==> flow/design.v <==
module sync_scratch (clk, rst_n, wr_en_i, wsel_i, wr_data_i, raddr1_i, raddr2_i, q1_o, q2_o);
    parameter integer DEPTH = 32;
    parameter integer DWIDTH = 4;
    localparam integer AWIDTH = $clog2(DEPTH);
    input clk;
    input rst_n;
    input wr_en_i;
    input [AWIDTH-1:0] wsel_i;
    input [DWIDTH-1:0] wr_data_i;
    input [AWIDTH-1:0] raddr1_i;
    input [AWIDTH-1:0] raddr2_i;
    output reg [DWIDTH-1:0] q1_o;
    output reg [DWIDTH-1:0] q2_o;
    reg wr_en_s;
    reg [AWIDTH-1:0] wsel_s;
    reg [DWIDTH-1:0] wr_data_s;
    reg [DWIDTH-1:0] regs [0:DEPTH-1];
    always @(posedge clk) begin
        if (wr_en_s)
            regs[wsel_s] <= wr_data_s;
    end
    reg [AWIDTH-1:0] raddr1_s;
    reg [AWIDTH-1:0] raddr2_s;
    always @(posedge clk or negedge rst_n) begin
        if (!rst_n) begin
            wr_en_s <= 1'b0;
            wsel_s <= 0;
            wr_data_s <= 0;
            raddr1_s <= 0;
            raddr2_s <= 0;
            q1_o <= 0;
            q2_o <= 0;
        end else begin
            wr_en_s <= wr_en_i;
            wsel_s <= wsel_i;
            wr_data_s <= wr_data_i;
            raddr1_s <= raddr1_i;
            raddr2_s <= raddr2_i;
            q1_o <= regs[raddr1_s];
            q2_o <= regs[raddr2_s];
        end
    end
endmodule
## Step by step through the tools: sync_scratch

The steps from the RTL of sync_scratch to its reports follow in flow order.
Lines are those of the file above, counted from 1.
Operators carry their Yosys type and port widths (W data, S select, Z words).
Library cell names are shortened.
The mark n/a stands for no value.

| set-up | value |
|---|---|
| design top | sync_scratch |
| clock input | clk |
| standard-cell library | sky130hd |
| corner | tt_025C_1v80 |

## Word-level counts

Counts by Yosys on the flattened word-level netlist (proc, flatten, opt, wreduce; memories kept). Register bits leave out memories and registers merged into their read ports (data or address); mux counts leave out enables and synchronous resets folded into registers. Print and check cells are left out.
Yosys's memory passes give these memory sizes; they may raise the number of words (mostly to a power of two), join words into wider ones and drop unused or constant bits.

| bit counts | value |
|---|---|
| register bits | 20 |
| memory bits (writable) | 128 |
| clocked read ports x word width | 8 |
| memories | 1 |
| word-level cells | 11 |

Memory list:

| memory | words | bits a word | read ports | wr ports | line | source |
|---|---|---|---|---|---|---|
| regs | 32 | 4 | 2 | 1 | 17 | `reg [DWIDTH-1:0] regs [0:DEPTH-1];` |

| cells by class | value |
|---|---|
| multiplexer cells | 3 |
| reductions and logical operators | 2 |

Operator list:

| cell | number |
|---|---|
| $mux W5 | 1 |
| $mux W4 | 1 |
| $logic_not A1 Y1 | 2 |
| $mux W1 | 1 |

## Depth

Depth = most cells in a row (Yosys ltp): at word level without a register or memory, in the mapped netlist without a sequential cell, where the memories' decode and read muxes count.

| depth | value |
|---|---|
| depth in word-level cells | 1 |
| ABC_AREA | 0 |
| gate-level depth with buffers | 5 |
| gate-level depth less buffers | 3 |

## Mapped cells and area

Source: synth_stat.txt of the flow (Yosys; design flattened, memories mapped). It holds for the ABC_AREA given above (unset counts as 0); a run with the other value may have another netlist.
The area totals of this step are shown rounded.

Cell types:

| cell type | number | area in all (sq um) |
|---|---|---|
| edfxtp_1 | 128 | 3.84E+03 |
| mux4_2 | 80 | 1.8E+03 |
| dfrtp_1 | 28 | 700.672 |
| nor2_1 | 33 | 123.869 |
| mux2_2 | 8 | 90.086 |
| buf_6 | 4 | 45.043 |
| nand3b_1 | 5 | 37.536 |
| buf_1 | 9 | 33.782 |
| or3b_2 | 3 | 26.275 |
| buf_4 | 3 | 22.522 |
| nand3_1 | 2 | 10.01 |
| clkbuf_1 | 2 | 7.507 |
| or3_1 | 1 | 6.256 |
| buf_2 | 1 | 5.005 |
| nand2_1 | 1 | 3.754 |

| mapped netlist | value |
|---|---|
| standard cells after synthesis | 308 |
| cell area after synthesis | 6800 sq um |
| sequential area | 4500 sq um |
| flip-flops | 156 |
| buffer cells | 19 |

## Path before layout

Path of least setup slack by OpenSTA after synthesis, without wires, with an ideal clock, recovery checks aside; 20% of the period is set as input and as output delay. Where synthesis merged equal registers, the netlist keeps one of their names.

| path after synthesis | value |
|---|---|
| path type | register to register |
| start | reg raddr2_s[0] |
| end | reg q2_o[0] |
| clock period | 2.48 ns |
| library setup time | 0.125 ns |
| launch time at the first pin | 0.000 ns |
| data arrival time | 1.856 ns |
| data required time | 2.355 ns |
| path slack | 0.499 ns |
| delay of the path | 1.981 ns |
| driving pins on the path | 6 |
| period reached after synthesis | 1.981 ns |

"delay of the path" is the arrival time less input delay plus setup time.
"driving pins on the path" counts driving pins, that of a launching flip-flop among them; a cell with two outputs on the path counts twice.
"period reached after synthesis" is the clock period less the worst setup slack; recovery checks do not enter. This is arithmetic on one report: input and output delays are still those of the set period (20% each).

| between the ends, after synthesis | value |
|---|---|
| path through | dfrtp_1 > buf_2 > buf_6 > mux4_2 > mux4_2 > mux2_2 |

RTL lines, path after synthesis:

| item | line | source |
|---|---|---|
| start, declared | 23 | `reg [AWIDTH-1:0] raddr2_s;` |
| start, assigned | 30 | `raddr2_s <= 0;` |
| start, assigned | 38 | `raddr2_s <= raddr2_i;` |
| end, declared | 13 | `output reg [DWIDTH-1:0] q2_o;` |

Chain of elaborated cells between the ends: none given.

## Timing after layout

Path of least setup slack in the final report of flow run A (OpenROAD, finished layout, wires in). Where an end is a register, its clock arrival counts in the times.

| path after layout | value |
|---|---|
| path type | register to register |
| start | reg raddr1_s[1] |
| end | reg q1_o[2] |
| clock period | 1.26 ns |
| library setup time | 0.11 ns |
| launch time at the first pin | 0.42 ns |
| data arrival time | 2.38 ns |
| data required time | 1.57 ns |
| path slack | -0.81 ns |
| driving pins on the path | 6 |

| between the ends, after layout | value |
|---|---|
| path through | dfrtp_2 > buf_6 > buf_16 > mux4_2 > mux4_2 > mux2_4 |

RTL lines, path after layout:

| item | line | source |
|---|---|---|
| start, declared | 22 | `reg [AWIDTH-1:0] raddr1_s;` |
| start, assigned | 29 | `raddr1_s <= 0;` |
| start, assigned | 37 | `raddr1_s <= raddr1_i;` |
| end, declared | 12 | `output reg [DWIDTH-1:0] q1_o;` |

Chain of elaborated cells between the ends: none given.

Appendix: measured runs

Below are 3 stored runs of the flow (Yosys, OpenROAD; platform sky130hd) on sync_scratch, each with its settings and what was measured, unordered. Constraints: input delay and output delay 20% of the set period each, output load 0.01 pF.
"period achieved" means the clock period less the worst setup slack. The figure is calculated, with input and output delays left at 20% of the set period.
By "critical setup path time" is meant the share of the clock period that the worst setup path is allowed (20% is reserved at inputs, 20% at outputs), minus its slack. Clock arrival times at its registers enter into it.
By "power consumption" is meant OpenSTA's value without simulated activity: inputs other than the clock are taken to toggle once in ten clock periods, and the tool carries that through the logic.
Measured values are rounded.
A setting shown as n/a is not set for that run.

| run | period_ns | CORE_UTILIZATION | PLACE_DENSITY_LB_ADDON | CELL_PAD_IN_SITES_GLOBAL_PLACEMENT | CELL_PAD_IN_SITES_DETAIL_PLACEMENT | ABC_AREA | CTS_CLUSTER_SIZE | CAP_MARGIN | CORE_MARGIN | SLEW_MARGIN | CORE_ASPECT_RATIO | MIN_ROUTING_LAYER | total die area (sq um) | setup total negative slack (ns) | power consumption (mW) | critical setup path time (ns) | critical path kind | standard-cell area of the final layout (sq um) | period achieved (ns) | netlist area reported by Yosys (sq um) | utilization after layout (%) | worst setup slack after layout (ns) |
|---|---|---|---|---|---|---|---|---|---|---|---|---|---|---|---|---|---|---|---|---|---|---|
| flow run A | 1.26 | 60 | 0.17 | 3 | 0 | 0 | 86 | 20 | 2 | 20 | n/a | n/a | 12000 | -26 | 12 | 2.07 | register to register | 8700 | 2.073 | 6800 | 79 | -0.81 |
| flow run B | 1.44 | 41 | 0.15 | 2 | n/a | 1 | n/a | 20 | 2 | 25 | 0.67 | met2 | 19000 | -1.2 | 12 | 1.54 | register to register | 11000 | 1.538 | 7500 | 60 | -0.098 |
| flow run C | 2.48 | 40 | n/a | n/a | n/a | n/a | n/a | 20 | 2 | 20 | n/a | n/a | 18000 | 0.000 | 6.1 | 2.17 | register to register | 7900 | 2.172 | 6800 | 48 | 0.31 |
